==> flow/design.v <==
module ex_data_mux (aclk, src_in, addr_in, dout_out);
    parameter integer DATA_W = 12;
    parameter integer NUM = 4;
    localparam integer LOGN = $clog2(NUM);
    input aclk;
    input [NUM*DATA_W-1:0] src_in;
    input [LOGN-1:0] addr_in;
    output [DATA_W-1:0] dout_out;
    reg [NUM*DATA_W-1:0] src_d1;
    always @(posedge aclk)
        src_d1 <= src_in;
    reg [LOGN-1:0] addr_d1;
    always @(posedge aclk)
        addr_d1 <= addr_in;
    assign dout_out = src_d1[addr_d1*DATA_W +: DATA_W];
endmodule
; From RTL to reports: ex_data_mux
; Tool output for the design above, in the order of the flow.
; Line numbers count from 1 in the design file above.
; Operators carry their Yosys type and port widths (W data, S select, Z words).
; Cell names lack the library's common part.
; A cell with n/a has no value.
[design]
top = ex_data_mux
clock = aclk
library = sky130hd
corner = tt_025C_1v80

; Word level
; Source: Yosys, flattened and elaborated, memories not mapped. Widths are those after wreduce; folded enables and synchronous resets count as part of the registers. Registers that Yosys merges into a memory's read port (data or address) are not register bits. Print and check cells do not count. Equal cells are merged and count once.
[word_totals]
wordCells = 4
regBits = 50
[classes]
shifts = 1
n_mul = 1
[op_table]
columns = op, n
row1 = $shiftx A48 B7 Y12, 1
row2 = $mul A2 B2 Y4 const B, 1

; Logic depth
; Depth = most cells in a row (Yosys ltp): at word level without a register or memory, in the mapped netlist without a sequential cell, where the memories' decode and read muxes count.
[logic_depth]
depth_word = 2
abc_area = 0
depth_mapped = 2
mapped_depth_nobuf = 1

; Synthesis result
; Yosys stat after the flow's synthesis: flattened, memories mapped to cells. It holds for the ABC_AREA given above (unset counts as 0); a run with the other value may have another netlist.
[by_type]
columns = cell_type, n
row1 = dfxtp_1, 50
row2 = mux4_2, 10
row3 = mux4_1, 2
row4 = buf_6, 1
row5 = buf_2, 1
[mapped]
cells = 64
ff_cells = 50
seq_area_um2 = 1001.0
area_um2 = 1295.0

; Worst setup path after synthesis
; OpenSTA on the mapped netlist: ideal clock, no wires. The path of least setup slack (recovery checks aside). Input and output delay are each 20% of the period. Register names are those of the netlist, which keeps one name where synthesis merged equal registers.
[synth_path]
kind = register -> output
start = register addr_d1[0]
end = output dout_out[0]
path_buffers = 1
launch_ns = 0.000
required_time_ns = 1.352
stages = 3
path_delay_ns = 1.082
output_delay_ns = 0.338
arrival_ns = 1.082
slack_ns = 0.270
tclk_ns = 1.69
synth_period_reached_ns = 1.42
; "path_delay_ns" is the arrival time less input delay plus setup time.
; A path that ends at an output port has no setup time.
; "stages": output pins that drive a net of the path, with the launching flip-flop's if there is one; two outputs of one cell count as two.
; "synth_period_reached_ns" = period - worst setup slack (recovery checks aside). The figure is calculated, with input and output delays left at 20% of the set period.
; Between the ends stands the longest chain of elaborated cells between them, by number of cells; it is not shown to be the way that was timed. Of several equally long chains one is given.
; Each line given opens the expression or statement behind the cell; cells for indexed reads and writes are added by Yosys, which also makes memories of some case tables.
[synth_between]
cell_sequence = dfxtp_1 buf_6 mux4_2
elab_chain_len = 2
[synth_rtl]
columns = item, line_no
row1 = from (decl), 12  ; reg [LOGN-1:0] addr_d1;
row2 = from (assign), 14  ; addr_d1 <= addr_in;
row3 = $mul A2 B2 Y4, 15  ; assign dout_out = src_d1[addr_d1*DATA_W +: DATA_W];
row4 = $shiftx A48 B7 Y12, 15
row5 = to (decl), 8  ; output [DATA_W-1:0] dout_out;

; Worst path after layout
; Path of least setup slack in the final report of run A (OpenROAD, finished layout, wires in). Where an end is a register, its clock arrival counts in the times.
[layout_path]
kind = register -> output
start = register addr_d1[0]
end = output dout_out[8]
output_delay_ns = 0.45
slack_ns = 0.10
arrival_ns = 1.69
launch_ns = 0.35
path_buffers = 2
stages = 4
required_time_ns = 1.78
tclk_ns = 2.23
; Between the ends stands the longest chain of elaborated cells between them, by number of cells; it is not shown to be the way that was timed. Of several equally long chains one is given.
[layout_between]
cell_sequence = dfxtp_4 buf_6 mux4_2 dlygate4sd2_1
elab_chain_len = 2
[layout_rtl]
columns = item, line_no
row1 = from (decl), 12  ; reg [LOGN-1:0] addr_d1;
row2 = from (assign), 14  ; addr_d1 <= addr_in;
row3 = $mul A2 B2 Y4, 15  ; assign dout_out = src_d1[addr_d1*DATA_W +: DATA_W];
row4 = $shiftx A48 B7 Y12, 15
row5 = to (decl), 8  ; output [DATA_W-1:0] dout_out;

; Top module ex_data_mux; platform sky130hd; tools Yosys and OpenROAD; 3 stored runs in no particular order. Input and output delays are each 20% of the period that was set; the output load is 0.01 pF.
; "period_reached_ns": clock period set for the run, less the worst setup slack. It is reckoned from that one timing run; input and output delays stay at 20% of the period that was set.
; "worst_path_time_ns" means the part of the period allowed to the worst setup path (the constraints hold back 20% at inputs and 20% at outputs) less its slack; where the path has registers, the arrival times of their clocks count too.
; "totalPower_mw": no workload was simulated; the value follows from the tool's default switching activity.

[run A: settings]
period_ns = 2.23
CORE_UTILIZATION = 38
SETUP_SLACK_MARGIN = -0.02
PLACE_DENSITY_LB_ADDON = 0.19
CELL_PAD_IN_SITES_GLOBAL_PLACEMENT = 1
CTS_CLUSTER_SIZE = 44
CTS_CLUSTER_DIAMETER = 317
SLEW_MARGIN = 25
MIN_ROUTING_LAYER = met2
CAP_MARGIN = 20
CORE_MARGIN = 2
[run A: results]
ys_area_um2 = 1295.0
fin_util_frac = 0.617
totalPower_mw = 1.536
final_cell_area_um2 = 2043.2
ws_setup_ns = 0.096
setup_tns_ns = 0.000
period_reached_ns = 2.134
hold_ws_ns = 0.508
worst_path_time_ns = 1.69
critical_path_type = register -> output
design_die_area_um2 = 3890.6

[run B: settings]
period_ns = 1.69
CAP_MARGIN = 20
CORE_MARGIN = 2
CORE_UTILIZATION = 40
SLEW_MARGIN = 20
[run B: results]
ys_area_um2 = 1295.0
fin_util_frac = 0.675
totalPower_mw = 2.018
final_cell_area_um2 = 2078.2
ws_setup_ns = -0.227
setup_tns_ns = -2.203
period_reached_ns = 1.917
hold_ws_ns = 0.415
worst_path_time_ns = 1.58
critical_path_type = register -> output
design_die_area_um2 = 3708.8

[run C: settings]
period_ns = 0.972
CORE_UTILIZATION = 38
SETUP_SLACK_MARGIN = 0.22
CORE_ASPECT_RATIO = 0.84
ABC_AREA = 1
GPL_ROUTABILITY_DRIVEN = 1
CTS_CLUSTER_SIZE = 87
CTS_CLUSTER_DIAMETER = 371
CAP_MARGIN = 20
MIN_ROUTING_LAYER = met2
MAX_ROUTING_LAYER = met4
CORE_MARGIN = 2
SLEW_MARGIN = 20
[run C: results]
ys_area_um2 = 1630.3
fin_util_frac = 0.693
totalPower_mw = 4.180
final_cell_area_um2 = 2805.2
ws_setup_ns = -0.527
setup_tns_ns = -6.165
period_reached_ns = 1.499
hold_ws_ns = 0.316
worst_path_time_ns = 1.30
critical_path_type = register -> output
design_die_area_um2 = 4832.0
